==> flow/design.v <==
module core_registers_v2 #(
   parameter NWORDS = 10,
   parameter W = 32,
   parameter NUM_RD = 4,
   parameter WP = 4,
   parameter IDX_W = $clog2(NWORDS)
) (
   input logic aclk,
   input logic [WP-1:0] wen,
   input logic [WP*IDX_W-1:0] wsel,
   input logic [WP*W-1:0] din,
   input logic [NUM_RD*IDX_W-1:0] rd_idx,
   output logic [NUM_RD*W-1:0] rd
);
   logic [WP-1:0] wen_q;
   logic [WP*IDX_W-1:0] wsel_q;
   logic [WP*W-1:0] din_q;
   logic [W-1:0] ram [0:NWORDS-1];
   always_ff @(posedge aclk) begin
      for (int n = 0; n < WP; n++)
         if (wen_q[n]) ram[wsel_q[n*IDX_W +: IDX_W]] <= din_q[n*W +: W];
   end
   logic [NUM_RD*IDX_W-1:0] rd_idx_q;
   logic [NUM_RD*W-1:0] cur;
   generate
      for (genvar m = 0; m < NUM_RD; m++) begin : blk
         assign cur[m*W +: W] = ram[rd_idx_q[m*IDX_W +: IDX_W]];
      end
   endgenerate
   logic [NUM_RD*W-1:0] rd_q;
   assign rd = rd_q;
   always_ff @(posedge aclk) begin
      wen_q <= wen;
      wsel_q <= wsel;
      din_q <= din;
      rd_idx_q <= rd_idx;
      rd_q <= cur;
   end
endmodule
# ---- From RTL to reports: core_registers_v2
# What the tools print for core_registers_v2, step after step.
# Line numbers count from 1 in the design file above.
# Operators carry their Yosys type and port widths (W data, S select, Z words).
# Cell names lack the library's common part.
# A cell with -- has no value.
dict set report inputs {
  top_module {core_registers_v2}
  clk_port {aclk}
  lib {sky130hd}
  pvt_corner {tt_025C_1v80}
}

# ---- Word-level counts
# Yosys after proc, flatten, opt, wreduce and memory -nomap, before mapping. Enables and synchronous resets that opt folds into registers are not counted as muxes. Memory bits, and registers merged into a memory's read port (data or address), are not among the register bits. Print and check cells are not counted. Equal cells are merged and count once.
# Yosys's memory passes give these memory sizes; they may raise the number of words (mostly to a power of two), join words into wider ones and drop unused or constant bits.
dict set report bits {
  register_bits 164
  mem_bits_rw 320
  clocked_rd_ports_x_width 128
  n_memories 1
  in_bits 165
  output_inout_bits 128
  wordCells 17
}
# memory size word_bits read_ports write_ports line
set mem_list {}
lappend mem_list {ram 10 32 4 4 18} ;# logic [W-1:0] ram [0:NWORDS-1];
dict set report op_classes {
  n_mux 12
}
# operator count
set op_table {}
lappend op_table {{$mux W32} 4}
lappend op_table {{$mux W4} 4}
lappend op_table {{$mux W1} 4}

# ---- Depth
# Yosys ltp: most cells in a row. Word level: on the elaborated netlist, between registers, memories and ports. Mapped: between sequential cells and ports; inverters and the memories' decode and read muxes count.
dict set report logic_depth {
  depth_word 1
  ABC_AREA 0
  mapped_depth 7
  depth_no_buf 4
}

# ---- After synthesis
# The flow's flattened synthesis, as Yosys stat reports it; memories are mapped. The netlist is that of the ABC_AREA named above (0 if unset); the other value can give another one.
# type count type_area_um2
set types {}
lappend types {edfxtp_1 320 9.61E+03}
lappend types {dfxtp_1 292 5.85E+03}
lappend types {mux2_2 384 4.32E+03}
lappend types {mux2i_1 256 2.56E+03}
lappend types {o21ai_0 494 2.47E+03}
lappend types {nand2_1 506 1.9E+03}
lappend types {a221oi_1 182 1.59E+03}
lappend types {o22ai_1 254 1.59E+03}
lappend types {a221o_1 128 1.28E+03}
lappend types {clkbuf_1 266 998.458}
lappend types {o21ai_1 146 730.701}
lappend types {a21oi_1 140 700.672}
lappend types {buf_2 100 500.48}
lappend types {o31ai_1 58 435.418}
lappend types {nor2_1 80 300.288}
lappend types {nor2b_1 46 287.776}
lappend types {buf_4 31 232.723}
lappend types {buf_1 60 225.216}
# Other cell types: 25; their cells: 105.
dict set report synth_totals {
  stdcells 3848
  synth_area_um2 36411.2
  seq_area_um2 15454.8
  ffs 612
  buf_cells 463
}

# ---- Timing after synthesis
# Path of least setup slack by OpenSTA after synthesis, without wires, with an ideal clock, recovery checks aside; 20% of the period is set as input and as output delay. Where synthesis merged equal registers, the netlist keeps one of their names.
dict set report synth_path {
  path_kind {register to register}
  from {reg wsel_q[7]}
  to {mem ram[7][0]}
  period_ns 3.39
  setup_ns 0.629
  t_first_pin_ns 0.000
  arrival_ns 2.080
  t_required_ns 2.761
  setup_slack_ns 0.681
  delay_ns 2.709
  stages 6
  path_buffers 2
  synth_period_reached_ns 2.709
}
# "delay_ns" is the arrival time less input delay plus setup time.
# "stages": output pins that drive a net of the path, with the launching flip-flop's if there is one; two outputs of one cell count as two.
# "synth_period_reached_ns" is the clock period less the worst setup slack; recovery checks do not enter. This is arithmetic on one report: input and output delays are still those of the set period (20% each).
# The rows between start and end are the longest chain of elaborated cells between them; the timing report does not say that the signal goes this way. Where chains are equally long, one stands for them.
# A line is the first line of the expression or statement that the cell stems from. Yosys adds cells for indexed reads and writes and turns some case tables into memories.
dict set report synth_between {
  path_cell_list {dfxtp_1 clkbuf_1 and3b_1 nand3_1 buf_2 nand4_1}
  elab_chain_len 1
  cone_cells 1
  cone_lines 1
  classes_between {mux: 1}
}
# item line
set synth_lines {}
lappend synth_lines {{start, declared} 16} ;# logic [WP*IDX_W-1:0] wsel_q;
lappend synth_lines {{start, assigned} 34} ;# wsel_q <= wsel;
lappend synth_lines {{$mux W4} 21} ;# if (wen_q[n]) ram[wsel_q[n*IDX_W +: IDX_W]] <= din_q[n*W +: W];
lappend synth_lines {{end, declared} 18} ;# logic [W-1:0] ram [0:NWORDS-1];

# ---- Worst path after layout
# From the final timing report of run 2: the path of least setup slack in the routed layout; clock arrival at registers is part of the times.
dict set report layout_path {
  path_kind {register to register}
  from {reg wsel_q[4]}
  to {mem ram[2][21]}
  period_ns 3.39
  setup_ns 0.19
  t_first_pin_ns 0.64
  arrival_ns 3.40
  t_required_ns 3.84
  setup_slack_ns 0.44
  stages 6
  path_buffers 1
}
# The rows between start and end are the longest chain of elaborated cells between them; the timing report does not say that the signal goes this way. Where chains are equally long, one stands for them.
dict set report layout_between {
  path_cell_list {dfxtp_1 nand2b_1 nand2b_1 buf_4 a21oi_1 o31ai_1}
  elab_chain_len 1
  cone_cells 1
  cone_lines 1
  classes_between {mux: 1}
}
# item line
set layout_lines {}
lappend layout_lines {{start, declared} 16} ;# logic [WP*IDX_W-1:0] wsel_q;
lappend layout_lines {{start, assigned} 34} ;# wsel_q <= wsel;
lappend layout_lines {{$mux W4} 21} ;# if (wen_q[n]) ram[wsel_q[n*IDX_W +: IDX_W]] <= din_q[n*W +: W];
lappend layout_lines {{end, declared} 18} ;# logic [W-1:0] ram [0:NWORDS-1];

; Record of 3 stored runs of the RTL-to-layout flow on core_registers_v2, platform sky130hd. The runs are unordered. Constraints: input delay and output delay 20% of the set period each, output load 0.01 pF.
; By "timing.achieved_period_ns" is meant the clock period of the run minus its worst setup slack. This is arithmetic on one report: input and output delays are still those of the set period (20% each).
; "worst_path_ns" is the time allowed to the run's worst setup path (the clock period less input and output delay, where it has them) less its slack. Clock arrival times count: a late capture clock shortens it, a late launch clock lengthens it.
; "totalPower_uw" rests on the timing tool's default activity at the inputs, not on a simulated workload.

[run 1: settings]
period_ns = 4.51
CORE_UTILIZATION = 66
SETUP_SLACK_MARGIN = 0.21
PLACE_DENSITY_LB_ADDON = 0.07
CORE_ASPECT_RATIO = 0.71
CELL_PAD_IN_SITES_GLOBAL_PLACEMENT = 0
CELL_PAD_IN_SITES_DETAIL_PLACEMENT = 2
TNS_END_PERCENT = 45
GPL_TIMING_DRIVEN = 0
GPL_ROUTABILITY_DRIVEN = 0
CTS_CLUSTER_SIZE = 31
MIN_ROUTING_LAYER = met1
MAX_ROUTING_LAYER = met5
CAP_MARGIN = 20
CORE_MARGIN = 2
SLEW_MARGIN = 20
[run 1: results]
outcome = not finished: placement ended with a tool error

[run 2: settings]
period_ns = 3.39
CAP_MARGIN = 20
CORE_MARGIN = 2
CORE_UTILIZATION = 40
SLEW_MARGIN = 20
[run 2: results]
ys_area_um2 = 36411.2
die_area_um2 = 93458.6
post_route_stdcell_area_um2 = 42997.5
utilization_frac = 0.477
timing.setup.ws_ns = 0.436
total_negative_slack_ns = 0.000
final_hold_ws_ns = 0.465
totalPower_uw = 21104
timing.achieved_period_ns = 2.954
worst_path_ns = 2.95
worstPathKind = register to register

[run 3: settings]
period_ns = 4.88
CORE_UTILIZATION = 20
PLACE_DENSITY = 0.93
CELL_PAD_IN_SITES_GLOBAL_PLACEMENT = 1
TNS_END_PERCENT = 70
ABC_AREA = 1
GPL_ROUTABILITY_DRIVEN = 1
CAP_MARGIN = 25
MIN_ROUTING_LAYER = met2
CORE_MARGIN = 2
SLEW_MARGIN = 20
[run 3: results]
outcome = not finished: routing ended with error GRT-0116
